==> flow/design.v <==
module gen_mag_cmp_stage #(
  parameter DATA_W = 24,
  parameter LANES = 12
) (
  input  clock,
  input  srst,
  input  enable,
  input  [LANES*DATA_W-1:0] data,
  output [DATA_W-1:0] mx
);
  reg [LANES*DATA_W-1:0] data_s;
  always @(posedge clock) begin
    if (srst) begin
      data_s <= 0;
    end else if (enable) begin
      data_s <= data;
    end
  end
  reg [DATA_W-1:0] r;
  integer t;
  always @* begin
    r = data_s[DATA_W-1:0];
    for (t = 1; t < LANES; t = t + 1)
      if (data_s[t*DATA_W +: DATA_W] > r) r = data_s[t*DATA_W +: DATA_W];
  end
  assign mx = r;
endmodule
-- From RTL to reports: gen_mag_cmp_stage
A sweep over "DATA_W": the same steps for each member of the family.
The file above is the member DATA_W 24. Line numbers count from 1 in each member's own file.
Operators carry their Yosys type and port widths (W data, S select, Z words).
Library cell names are shortened.
Not given: --
- design top: gen_mag_cmp_stage
- clock port: clock
- cell library: sky130hd
- timing corner: tt_025C_1v80

-- Members of the sweep
New or changed lines of each further member against the RTL above, in its own file; lines it lacks are not shown.
- lines new or changed (DATA_W ; line ; text):
    28 ; 2 ; parameter DATA_W = 28,
    32 ; 2 ; parameter DATA_W = 32,

-- Word level
Source: Yosys, flattened and elaborated, memories not mapped. Widths are those after wreduce; folded enables and synchronous resets count as part of the registers. Registers that Yosys merges into a memory's read port (data or address) are not register bits. Print and check cells do not count. Equal cells are merged and count once.
- cells by class (DATA_W ; $lt $le $gt $ge ; add/subtract/negate cells ; multiplexer cells ; bitwise operators ; equal/unequal tests ; reductions and logical operators ; shift-type cells ; divide/modulo/power cells ; multiply operators):
    24 ; 11 ; 0 ; 11 ; 0 ; 0 ; 0 ; 0 ; 0 ; 0
    28 ; 11 ; 0 ; 11 ; 0 ; 0 ; 0 ; 0 ; 0 ; 0
    32 ; 11 ; 0 ; 11 ; 0 ; 0 ; 0 ; 0 ; 0 ; 0
- operators by type and width (DATA_W ; kind and count):
    24 ; $gt A24 B24 Y1: 11; $mux W24: 11
    28 ; $gt A28 B28 Y1: 11; $mux W28: 11
    32 ; $gt A32 B32 Y1: 11; $mux W32: 11
- storage and ports (DATA_W ; latch bits ; register bits ; ROM bits ; output and inout port bits ; memory cells ; bits of input ports ; clocked read ports x word width ; RAM bits):
    24 ; 0 ; 288 ; 0 ; 24 ; 0 ; 291 ; 0 ; 0
    28 ; 0 ; 336 ; 0 ; 28 ; 0 ; 339 ; 0 ; 0
    32 ; 0 ; 384 ; 0 ; 32 ; 0 ; 387 ; 0 ; 0

-- Logic depth
Longest topological path by Yosys (ltp), each cell counted once; first at word level (registers and memories cut), then after technology mapping (sequential cells cut; the memories' decode and read muxes count).
- depth (DATA_W ; depth in word-level cells ; ABC_AREA ; mapped depth ; gate-level depth less buffers):
    24 ; 22 ; 0 ; 168 ; 153
    28 ; 22 ; 0 ; 181 ; 162
    32 ; 22 ; 0 ; 172 ; 158

-- Mapped cells and area
Source: synth_stat.txt of the flow (Yosys; design flattened, memories mapped). It holds for the ABC_AREA given above (unset counts as 0); a run with the other value may have another netlist.
- cells by type (DATA_W ; types with counts):
    24 ; dfxtp_1: 288; mux2i_1: 360; ha_1: 248; nor2_1: 400; a21oi_1: 155; o21ai_0: 147; inv_1: 180; nand2_1: 112; a21o_1: 54; clkbuf_1: 98; mux2_2: 30; nand3_1: 67; nand4_1: 53; nor2b_1: 35; nor4b_1: 23; nand2b_1: 30; o221ai_1: 21; a31oi_1: 27; [+261]
    28 ; dfxtp_1: 336; mux2i_1: 399; ha_1: 276; nor2_1: 520; a21oi_1: 193; inv_1: 227; mux2_2: 60; o21ai_0: 95; nand2_1: 111; clkbuf_1: 92; nor2b_1: 51; o2bb2ai_2: 21; nand4_1: 49; a21o_1: 33; nand2b_1: 38; a211oi_1: 27; a2111oi_0: 22; nand3_1: 36; [+421]
    32 ; dfxtp_1: 384; mux2i_1: 449; ha_1: 336; mux2_2: 181; nor2_1: 507; inv_1: 336; a21oi_1: 140; o21ai_0: 102; a21o_1: 61; a221oi_2: 30; nand4_1: 65; clkbuf_1: 107; nand2_1: 84; a311oi_1: 32; nor2b_1: 40; nand2b_1: 38; nand3_1: 28; buf_1: 36; [+192]
The mark [+n] counts cells that are not listed.
- synthesis totals (DATA_W ; buffer cells ; standard cells after synthesis ; sequential part of the area (um2) ; mapped area (um2) ; flip-flop cells):
    24 ; 145 ; 2589 ; 5765.5 ; 21359.2 ; 288
    28 ; 154 ; 3007 ; 6726.5 ; 25190.4 ; 336
    32 ; 151 ; 3148 ; 7687.4 ; 27481.4 ; 384

-- Worst setup path after synthesis
Source: OpenSTA report_checks on the synthesized netlist (no wires, ideal clock, input and output delay 20% of the period each), path of least setup slack; recovery checks are left aside. Register names are those of the netlist, which keeps one name where synthesis merged equal registers.
- path post-synthesis (DATA_W ; path type ; from ; to ; period (ns) ; driving pins on the path ; path slack (ns) ; delay of the path (ns) ; synthesis period reached (ns)):
    24 ; flip-flop to output port ; register data_s[22] ; output port mx[0] ; 41.9 ; 165 ; 6.691 ; 26.829 ; 35.209
    28 ; flip-flop to output port ; register data_s[11] ; output port mx[27] ; 44.9 ; 166 ; 7.184 ; 28.736 ; 37.716
    32 ; flip-flop to output port ; register data_s[1] ; output port mx[10] ; 43.9 ; 169 ; 7.045 ; 28.075 ; 36.855
"delay of the path" is the arrival time less input delay plus setup time.
At an output port there is no setup time.
"driving pins on the path": output pins that drive a net of the path, with the launching flip-flop's if there is one; two outputs of one cell count as two.
"synthesis period reached" is the clock period less the worst setup slack; recovery checks do not enter. This is arithmetic on one report: input and output delays are still those of the set period (20% each).
The rows between start and end are the longest chain of elaborated cells between them; the timing report does not say that the signal goes this way. Where chains are equally long, one stands for them.
A line is the first line of the expression or statement that the cell stems from. Yosys adds cells for indexed reads and writes and turns some case tables into memories.
Between the ends, post-synthesis, DATA_W 24:
- noted length of the longest elaborated chain: 22
- ends and longest elaborated chain, post-synthesis, DATA_W 24 (what ; line ; text):
    from (decl) ; 11 ; reg [LANES*DATA_W-1:0] data_s;
    from (assign) ; 14 ; data_s <= 0;
    from (assign) ; 16 ; data_s <= data;
    $gt A24 B24 Y1 ; 24 ; if (data_s[t*DATA_W +: DATA_W] > r) r = data_s[t*DATA_W +: DATA_W];
    $mux W24 ; 24 ;
    $gt A24 B24 Y1 ; 24 ;
    $mux W24 ; 24 ;
    $gt A24 B24 Y1 ; 24 ;
    $mux W24 ; 24 ;
    $gt A24 B24 Y1 ; 24 ;
    [... 8 more ...] ; -- ;
    $mux W24 ; 24 ;
    $gt A24 B24 Y1 ; 24 ;
    $mux W24 ; 24 ;
    $gt A24 B24 Y1 ; 24 ;
    $mux W24 ; 24 ;
    $gt A24 B24 Y1 ; 24 ;
    $mux W24 ; 24 ;
    to (decl) ; 9 ; output [DATA_W-1:0] mx
Between the ends, post-synthesis, DATA_W 32:
- noted length of the longest elaborated chain: 22
- ends and longest elaborated chain, post-synthesis, DATA_W 32 (what ; line ; text):
    from (decl) ; 11 ; reg [LANES*DATA_W-1:0] data_s;
    from (assign) ; 14 ; data_s <= 0;
    from (assign) ; 16 ; data_s <= data;
    $gt A32 B32 Y1 ; 24 ; if (data_s[t*DATA_W +: DATA_W] > r) r = data_s[t*DATA_W +: DATA_W];
    $mux W32 ; 24 ;
    $gt A32 B32 Y1 ; 24 ;
    $mux W32 ; 24 ;
    $gt A32 B32 Y1 ; 24 ;
    $mux W32 ; 24 ;
    $gt A32 B32 Y1 ; 24 ;
    [... 8 more ...] ; -- ;
    $mux W32 ; 24 ;
    $gt A32 B32 Y1 ; 24 ;
    $mux W32 ; 24 ;
    $gt A32 B32 Y1 ; 24 ;
    $mux W32 ; 24 ;
    $gt A32 B32 Y1 ; 24 ;
    $mux W32 ; 24 ;
    to (decl) ; 9 ; output [DATA_W-1:0] mx

-- Path in the finished layout
From the final timing report of the run of each member: the path of least setup slack in the routed layout; clock arrival at registers is part of the times.
- path post-layout (DATA_W ; path type ; from ; to ; data arrival time (ns) ; period (ns) ; path buffers ; path slack (ns) ; driving pins on the path):
    24 ; flip-flop to output port ; register data_s[22] ; output port mx[22] ; 31.14 ; 41.9 ; 10 ; 2.38 ; 152
    28 ; flip-flop to output port ; register data_s[11] ; output port mx[23] ; 33.27 ; 44.9 ; 9 ; 2.65 ; 157
    32 ; flip-flop to output port ; register data_s[27] ; output port mx[8] ; 32.32 ; 43.9 ; 11 ; 2.80 ; 161

-- Layout results
Settings and results of one run of the flow (Yosys, OpenROAD) for each member follow. The constraints put input and output delay at 20% of the set period each and load the outputs with 0.01 pF.
- CAP_MARGIN: 20
- CORE_MARGIN at 2
- CORE_UTILIZATION at 40
- SLEW_MARGIN at 20
- settings that differ (DATA_W ; period_ns):
    24 ; 41.9
    28 ; 44.9
    32 ; 43.9
- results (DATA_W ; die footprint (um2) ; synthesized cell area (um2) ; setup TNS (ns) ; post-layout utilization (%) ; setup slack of the critical path (ns)):
    24 ; 55262.6 ; 21359.2 ; 0.000 ; 50.2 ; 2.382
    28 ; 64999.5 ; 25190.4 ; 0.000 ; 49.8 ; 2.647
    32 ; 70817.2 ; 27481.4 ; 0.000 ; 49.8 ; 2.797
